==> flow/design.v <==
module ex_addsub_n #(
    parameter integer WD = 16
) (
    input core_clk,
    input rst_n,
    input [WD-1:0] da_in,
    input [WD-1:0] db_in,
    output [WD:0] s_out,
    output [WD:0] result_out
);
    reg [WD-1:0] da_ff;
    reg [WD-1:0] db_ff;
    always @(posedge core_clk or negedge rst_n) begin
        if (!rst_n) begin
            da_ff <= 0;
            db_ff <= 0;
        end else begin
            da_ff <= da_in;
            db_ff <= db_in;
        end
    end
    assign s_out = da_ff + db_ff;
    assign result_out = da_ff - db_ff;
endmodule
# Reports on ex_addsub_n
# Tool output for the design above, in the order of the flow.
# Line numbers count from 1 in the design file above.
# Operators carry their Yosys type and port widths (W data, S select, Z words).
# Cell names lack the library's common part.
# The mark n/a stands for no value.
# setup
design	ex_addsub_n
clk_port	core_clk
cell_library	sky130hd
corner	tt_025C_1v80

# After elaboration
# Yosys after proc, flatten, opt, wreduce and memory -nomap, before mapping. Enables and synchronous resets that opt folds into registers are not counted as muxes. Memory bits, and registers merged into a memory's read port (data or address), are not among the register bits. Print and check cells are not counted. Equal cells are merged and count once.
# op_classes
add_sub_neg	2
# ops
op	count
$add A16 B16 Y17	1
$sub A16 B16 Y17	1
# bits
out_inout_bits	34
inputBits	34
ff_bits	32
word_cells	4

# Logic depth
# Depth = most cells in a row (Yosys ltp): at word level without a register or memory, in the mapped netlist without a sequential cell, where the memories' decode and read muxes count.
# depth
depth_word	1
abc_area	0
depth_mapped	9
mapped_depth_nobuf	9

# After synthesis
# The flow's flattened synthesis, as Yosys stat reports it; memories are mapped. The netlist is that of the ABC_AREA named above (0 if unset); the other value can give another one.
# Totals and module areas in this step are rounded.
# mapped
synth_area_mm2	0.0023
buffers	9
flip_flops	32
cells	236
# types
type	count	type_area_um2
dfrtp_1	32	800.768
ha_1	32	400.384
xnor2_1	25	218.96
inv_1	34	127.622
a21oi_1	22	110.106
nor2_1	13	48.797
fa_1	2	40.038
o31ai_1	5	37.536
a21o_1	4	30.029
nand2_1	8	30.029
o21ai_0	6	30.029
o21bai_1	4	30.029
a41oi_4	1	27.526
a31oi_2	2	25.024
o31ai_2	2	25.024
buf_4	3	22.522
buf_6	2	22.522
o21a_1	3	22.522
# Other cell types: 26; their cells: 36.

# Worst setup path after synthesis
# OpenSTA on the mapped netlist: ideal clock, no wires. The path of least setup slack (recovery checks aside). Input and output delay are each 20% of the period. Register names are those of the netlist, which keeps one name where synthesis merged equal registers.
# synth_path
kind	register to output
from	register da_ff[0]
to	output port s_out[16]
path_buffers	0
path_delay_ps	2105
slack_ps	527
launch_ps	0
required_ps	2632
path_stages	9
t_arrival_ps	2105
out_delay_ps	658
clock_period_ps	3290
period_less_setup_slack_ps	2763
# "path_delay_ps" = arrival - input delay + setup time.
# A path that ends at an output port has no setup time.
# "path_stages": output pins that drive a net of the path, with the launching flip-flop's if there is one; two outputs of one cell count as two.
# "period_less_setup_slack_ps" = period - worst setup slack (recovery checks aside). The figure is calculated, with input and output delays left at 20% of the set period.
# Between the ends stands the longest chain of elaborated cells between them, by number of cells; it is not shown to be the way that was timed. Of several equally long chains one is given.
# A line is the first line of the expression or statement that the cell stems from. Yosys adds cells for indexed reads and writes and turns some case tables into memories.
# synth_between
cell_sequence	dfrtp_1 -> ha_1 -> fa_1 -> nor2b_1 -> o21ai_0 -> a31oi_1 -> a31oi_2 -> nor2_1 -> a221o_1
elab_chain_len	1
# synth_lines
item	line_no	source
start: declaration	11	reg [WD-1:0] da_ff;
start: assignment	15	da_ff <= 0;
start: assignment	18	da_ff <= da_in;
$add A16 B16 Y17	22	assign s_out = da_ff + db_ff;
end: declaration	8	output [WD:0] s_out,

# Timing after layout
# Path of least setup slack in the final report of run 1 (OpenROAD, finished layout, wires in). Where an end is a register, its clock arrival counts in the times.
# The path's times are printed in steps of 10 ps; the period is the one set.
# layout_path
kind	register to output
from	register da_ff[1]
to	output port s_out[15]
slack_ps	70
out_delay_ps	660
path_stages	11
launch_ps	270
required_ps	2630
path_buffers	3
clock_period_ps	3290
t_arrival_ps	2560
# Between the ends stands the longest chain of elaborated cells between them, by number of cells; it is not shown to be the way that was timed. Of several equally long chains one is given.
# layout_between
cell_sequence	dfrtp_1 -> buf_6 -> ha_4 -> nor3b_4 -> o311ai_4 -> o211ai_2 -> a41oi_4 -> buf_4 -> o41ai_4 -> xnor2_1 -> buf_2
elab_chain_len	1
# layout_lines
item	line_no	source
start: declaration	11	reg [WD-1:0] da_ff;
start: assignment	15	da_ff <= 0;
start: assignment	18	da_ff <= da_in;
$add A16 B16 Y17	22	assign s_out = da_ff + db_ff;
end: declaration	8	output [WD:0] s_out,

# Design ex_addsub_n on sky130hd. What follows are 3 stored runs of the flow, each under its own settings; their order means nothing. The constraints put input and output delay at 20% of the set period each and load the outputs with 0.01 pF.
# "achievedPeriod_ps" means the clock period less the worst setup slack. The figure is calculated, with input and output delays left at 20% of the set period.
# "worst_path_allowed_less_slack_ps": the worst setup path's part of the clock period (all of it between registers, 20% less for each end at a port) less its slack. A launch clock that arrives late makes it longer, a capture clock that arrives late makes it shorter.
# "totalPower_uw" is the tool's figure for a default switching activity; nothing was simulated.
# "worst_path_allowed_less_slack_ps" is known to 10 ps.
# The results are shown rounded.
# Settings: . = not set for that run.
stored run	period_ns	CAP_MARGIN	CORE_MARGIN	CORE_UTILIZATION	SLEW_MARGIN	SETUP_SLACK_MARGIN	PLACE_DENSITY_LB_ADDON	HOLD_SLACK_MARGIN	TNS_END_PERCENT	MIN_ROUTING_LAYER	MAX_ROUTING_LAYER	CELL_PAD_IN_SITES_GLOBAL_PLACEMENT	ABC_AREA	achievedPeriod_ps	worst_path_allowed_less_slack_ps	path_kind	total_die_area_mm2	final_setup_ws_ps	cell_area_final_mm2	totalPower_uw	synthArea_mm2	post_route_util_frac
run 1	3.29	20	2	40	20	.	.	.	.	.	.	.	.	3219	2560	register to output	0.0065	71	0.0035	1300	0.0023	0.62
run 2	1.72	20	7	26	20	0.47	0.07	-0.01	90	met1	met4	.	.	2791	2450	register to output	0.012	-1100	0.0043	3100	0.0023	0.5
run 3	2.48	20	3	21	20	.	0.16	.	60	met2	met4	3	0	2915	2420	register to output	0.012	-430	0.0043	2100	0.0023	0.4
